==> flow/design.v <==
module reg_bank_stage (clk, rst_n, wr_in, write_addr_in, din_in, rd_idx_in, rd_out);
   parameter D = 20;
   parameter WIDTH = 64;
   localparam ADDR_WIDTH = $clog2(D);
   input clk;
   input rst_n;
   input wr_in;
   input [ADDR_WIDTH-1:0] write_addr_in;
   input [WIDTH-1:0] din_in;
   input [ADDR_WIDTH-1:0] rd_idx_in;
   output [WIDTH-1:0] rd_out;
   reg [WIDTH-1:0] store [0:D-1];
   always @(posedge clk) begin
      if (wr_in)
         store[write_addr_in] <= din_in;
   end
   reg [WIDTH-1:0] r_rd;
   always @(posedge clk) begin
      if (!rst_n) begin
         r_rd <= 0;
      end else begin
         r_rd <= store[rd_idx_in];
      end
   end
   assign rd_out = r_rd;
endmodule
---- Reports on reg_bank_stage ----
Tool output for the design above, in the order of the flow.
Line numbers count from 1 in the design file above.
Operators: Yosys type, input widths -> output width; for muxes data width and select width s.
Not given: --
design
  design top .............................. reg_bank_stage
  clock input ............................. clk
  library ................................. sky130hd
  timing corner ........................... tt_025C_1v80

---- Word level ----
Yosys after proc, flatten, opt, wreduce and memory -nomap, before mapping. Enables and synchronous resets that opt folds into registers are not counted as muxes. Memory bits, and registers merged into a memory's read port (data or address), are not among the register bits. Print and check cells are not counted. Equal cells are merged and count once.
Yosys's memory passes give these memory sizes; they may raise the number of words (mostly to a power of two), join words into wider ones and drop unused or constant bits.
word-level totals
  register bits ........................... 0
  bits in writable memories ............... 1280
  word width x clocked read ports ......... 64
  memories kept ........................... 1
  input bits .............................. 77
  output and inout bits ................... 64
  word-level cells ........................ 5
memories
  name   depth  bits a word  read ports  write ports  line  RTL
  store  20     64           1           1            12    reg [WIDTH-1:0] store [0:D-1];
operators by class
  mux-type cells .......................... 3
  reductions and logical operators ........ 1
operator list
  cell             number
  $mux 64          1
  $mux 5           1
  $logic_not 1->1  1
  $mux 1           1

---- Depth ----
Yosys ltp: most cells in a row. Word level: on the elaborated netlist, between registers, memories and ports. Mapped: between sequential cells and ports; inverters and the memories' decode and read muxes count.
depth
  depth in word-level cells ............... 1
  ABC_AREA ................................ 0
  depth in mapped cells ................... 8
  mapped depth without buffers ............ 4

---- After synthesis ----
The flow's flattened synthesis, as Yosys stat reports it; memories are mapped. The netlist is that of the ABC_AREA named above (0 if unset); the other value can give another one.
mapped netlist
  standard cells after synthesis .......... 2341
  synthesis area .......................... 50272.0 sq um
  sequential area ......................... 39718.1 sq um
  flip-flops .............................. 1344
  buffers ................................. 127
cell types
  cell type                  number  total area (sq um)
  sky130_fd_sc_hd__edfxtp_1  1280    3.84E+04
  sky130_fd_sc_hd__mux4_2    192     4.32E+03
  sky130_fd_sc_hd__mux2i_1   320     3.2E+03
  sky130_fd_sc_hd__dfxtp_1   64      1.28E+03
  sky130_fd_sc_hd__a22oi_1   128     960.922
  sky130_fd_sc_hd__o211ai_1  64      480.461
  sky130_fd_sc_hd__nand3_1   65      325.312
  sky130_fd_sc_hd__buf_6     28      315.302
  sky130_fd_sc_hd__nand2_1   66      247.738
  sky130_fd_sc_hd__buf_2     38      190.182
  sky130_fd_sc_hd__clkbuf_1  33      123.869
  sky130_fd_sc_hd__buf_4     12      90.086
  sky130_fd_sc_hd__nor2_1    23      86.333
  sky130_fd_sc_hd__buf_8     5       75.072
  sky130_fd_sc_hd__buf_1     10      37.536
  sky130_fd_sc_hd__nand3b_1  3       22.522
  sky130_fd_sc_hd__or3b_2    2       17.517
  sky130_fd_sc_hd__and2_1    2       12.512
Not listed: further types 5, cells in them 6.

---- Timing after synthesis ----
Source: OpenSTA report_checks on the synthesized netlist (no wires, ideal clock, input and output delay 20% of the period each), path of least setup slack; recovery checks are left aside. Register names are those of the netlist, which keeps one name where synthesis merged equal registers.
timing path after synthesis
  path kind ............................... input to register
  from .................................... in write_addr_in[0]
  to ...................................... mem store[0][0]
  clock period ............................ 5.8 ns
  external input delay .................... 1.160 ns
  setup time .............................. 0.486 ns
  launch time at the first pin ............ 1.160 ns
  arrival time ............................ 4.388 ns
  data required time ...................... 5.314 ns
  setup slack ............................. 0.925 ns
  delay of the path ....................... 3.714 ns
  stages on the path ...................... 2
  path buffers ............................ 0
  period reached after synthesis .......... 4.875 ns
"delay of the path" = arrival - input delay + setup time.
"stages on the path" counts driving pins, that of a launching flip-flop among them; a cell with two outputs on the path counts twice.
"period reached after synthesis" is the clock period less the worst setup slack; recovery checks do not enter. This is arithmetic on one report: input and output delays are still those of the set period (20% each).
The rows between start and end are the longest chain of elaborated cells between them; the timing report does not say that the signal goes this way. Where chains are equally long, one stands for them.
A line is the first line of the expression or statement that the cell stems from. Yosys adds cells for indexed reads and writes and turns some case tables into memories.
between the ends, after synthesis
  path through ............................ sky130_fd_sc_hd__or3b_2 sky130_fd_sc_hd__nor2_1
  cells in the longest elaborated chain ... 1
  elaborated cells between the ends (all ways) .. 1
  RTL lines with such cells ............... 1
  classes of those cells .................. mux (1)
ends and longest elaborated chain, after synthesis
  item                line  RTL
  start: declaration  8     input [ADDR_WIDTH-1:0] write_addr_in;
  $mux 5              14    if (wr_in)
  end: declaration    12    reg [WIDTH-1:0] store [0:D-1];

---- Worst path after layout ----
Path of least setup slack in the final report of job 1 (OpenROAD, finished layout, wires in). Where an end is a register, its clock arrival counts in the times.
timing path post-layout
  path kind ............................... input to register
  from .................................... in wr_in
  to ...................................... mem store[4][7]
  clock period ............................ 5.61 ns
  external input delay .................... 1.12 ns
  setup time .............................. 0.34 ns
  launch time at the first pin ............ 1.12 ns
  arrival time ............................ 3.63 ns
  data required time ...................... 5.99 ns
  setup slack ............................. 2.36 ns
  stages on the path ...................... 4
  path buffers ............................ 2
The rows between start and end are the longest chain of elaborated cells between them; the timing report does not say that the signal goes this way. Where chains are equally long, one stands for them.
Only ways into the end's enable, where the timed path ends, are counted here.
between the ends, post-layout
  path through ............................ sky130_fd_sc_hd__clkdlybuf4s50_1 sky130_fd_sc_hd__or3b_2 sky130_fd_sc_hd__nor2_4 sky130_fd_sc_hd__buf_4
  cells in the longest elaborated chain ... 1
  elaborated cells between the ends (all ways) .. 2
  RTL lines with such cells ............... 1
  classes of those cells .................. mux (2)
ends and longest elaborated chain, post-layout
  item                line  RTL
  start: declaration  7     input wr_in;
  $mux 5              14    if (wr_in)
  end: declaration    12    reg [WIDTH-1:0] store [0:D-1];

## Implementation results

Flow measurements of reg_bank_stage on sky130hd: 3 stored runs with different settings, listed in no order. Input and output delays are each 20% of the period that was set; the output load is 0.01 pF.
"achieved clock period" is the run's clock period less its worst setup slack. It is reckoned from that one timing run; input and output delays stay at 20% of the period that was set.
"worst setup path time" = time allowed to the worst setup path (clock period - input delay - output delay, where it has them) - its slack; a late launch clock adds to it, a late capture clock takes from it.
By "total power after layout" is meant OpenSTA's value without simulated activity: inputs other than the clock are taken to toggle once in ten clock periods, and the tool carries that through the logic.

---- job 1 ----
settings
  period_ns = 5.61
  CORE_UTILIZATION = 58
  SETUP_SLACK_MARGIN = -0.0
  PLACE_DENSITY = 0.59
  CORE_MARGIN = 3
  CELL_PAD_IN_SITES_GLOBAL_PLACEMENT = 1
  GPL_TIMING_DRIVEN = 1
  CTS_CLUSTER_DIAMETER = 117
  MIN_ROUTING_LAYER = met2
  CAP_MARGIN = 20
  SLEW_MARGIN = 20
results
  standard-cell area of the final layout .. 57443.8 sq um
  synthesized cell area ................... 50272.0 sq um
  full die area ........................... 90243.2 sq um
  worst setup path time ................... 2.12 ns
  critical path type ...................... input to register
  setup slack of the worst path ........... 2.365 ns
  total power after layout ................ 21040 uW
  achieved clock period ................... 3.245 ns
  post-route setup TNS .................... 0.000 ns
  worst hold slack in the final report .... 0.691 ns
  final utilization ....................... 0.671

---- job 2 ----
settings
  period_ns = 5.38
  CORE_UTILIZATION = 45
  SETUP_SLACK_MARGIN = 1.4
  TNS_END_PERCENT = 65
  GPL_ROUTABILITY_DRIVEN = 1
  CTS_CLUSTER_DIAMETER = 355
  CAP_MARGIN = 40
  SLEW_MARGIN = 40
  MIN_ROUTING_LAYER = met2
  CORE_MARGIN = 2
results
  final utilization ....................... 0.526
  total power after layout ................ 22128 uW
  achieved clock period ................... 3.009 ns
  post-route setup TNS .................... 0.000 ns
  setup slack of the worst path ........... 2.371 ns
  synthesized cell area ................... 50272.0 sq um
  worst setup path time ................... 1.93 ns
  critical path type ...................... input to register
  worst hold slack in the final report .... 0.693 ns
  standard-cell area of the final layout .. 58224.6 sq um
  full die area ........................... 114406.0 sq um

---- job 3 ----
settings
  period_ns = 5.8
  CAP_MARGIN = 20
  CORE_MARGIN = 2
  CORE_UTILIZATION = 40
  SLEW_MARGIN = 20
results
  synthesized cell area ................... 50272.0 sq um
  total power after layout ................ 20432 uW
  setup slack of the worst path ........... 2.582 ns
  final utilization ....................... 0.464
  standard-cell area of the final layout .. 58154.5 sq um
  achieved clock period ................... 3.218 ns
  worst setup path time ................... 2.06 ns
  critical path type ...................... input to register
  worst hold slack in the final report .... 0.680 ns
  post-route setup TNS .................... 0.000 ns
  full die area ........................... 128533.0 sq um
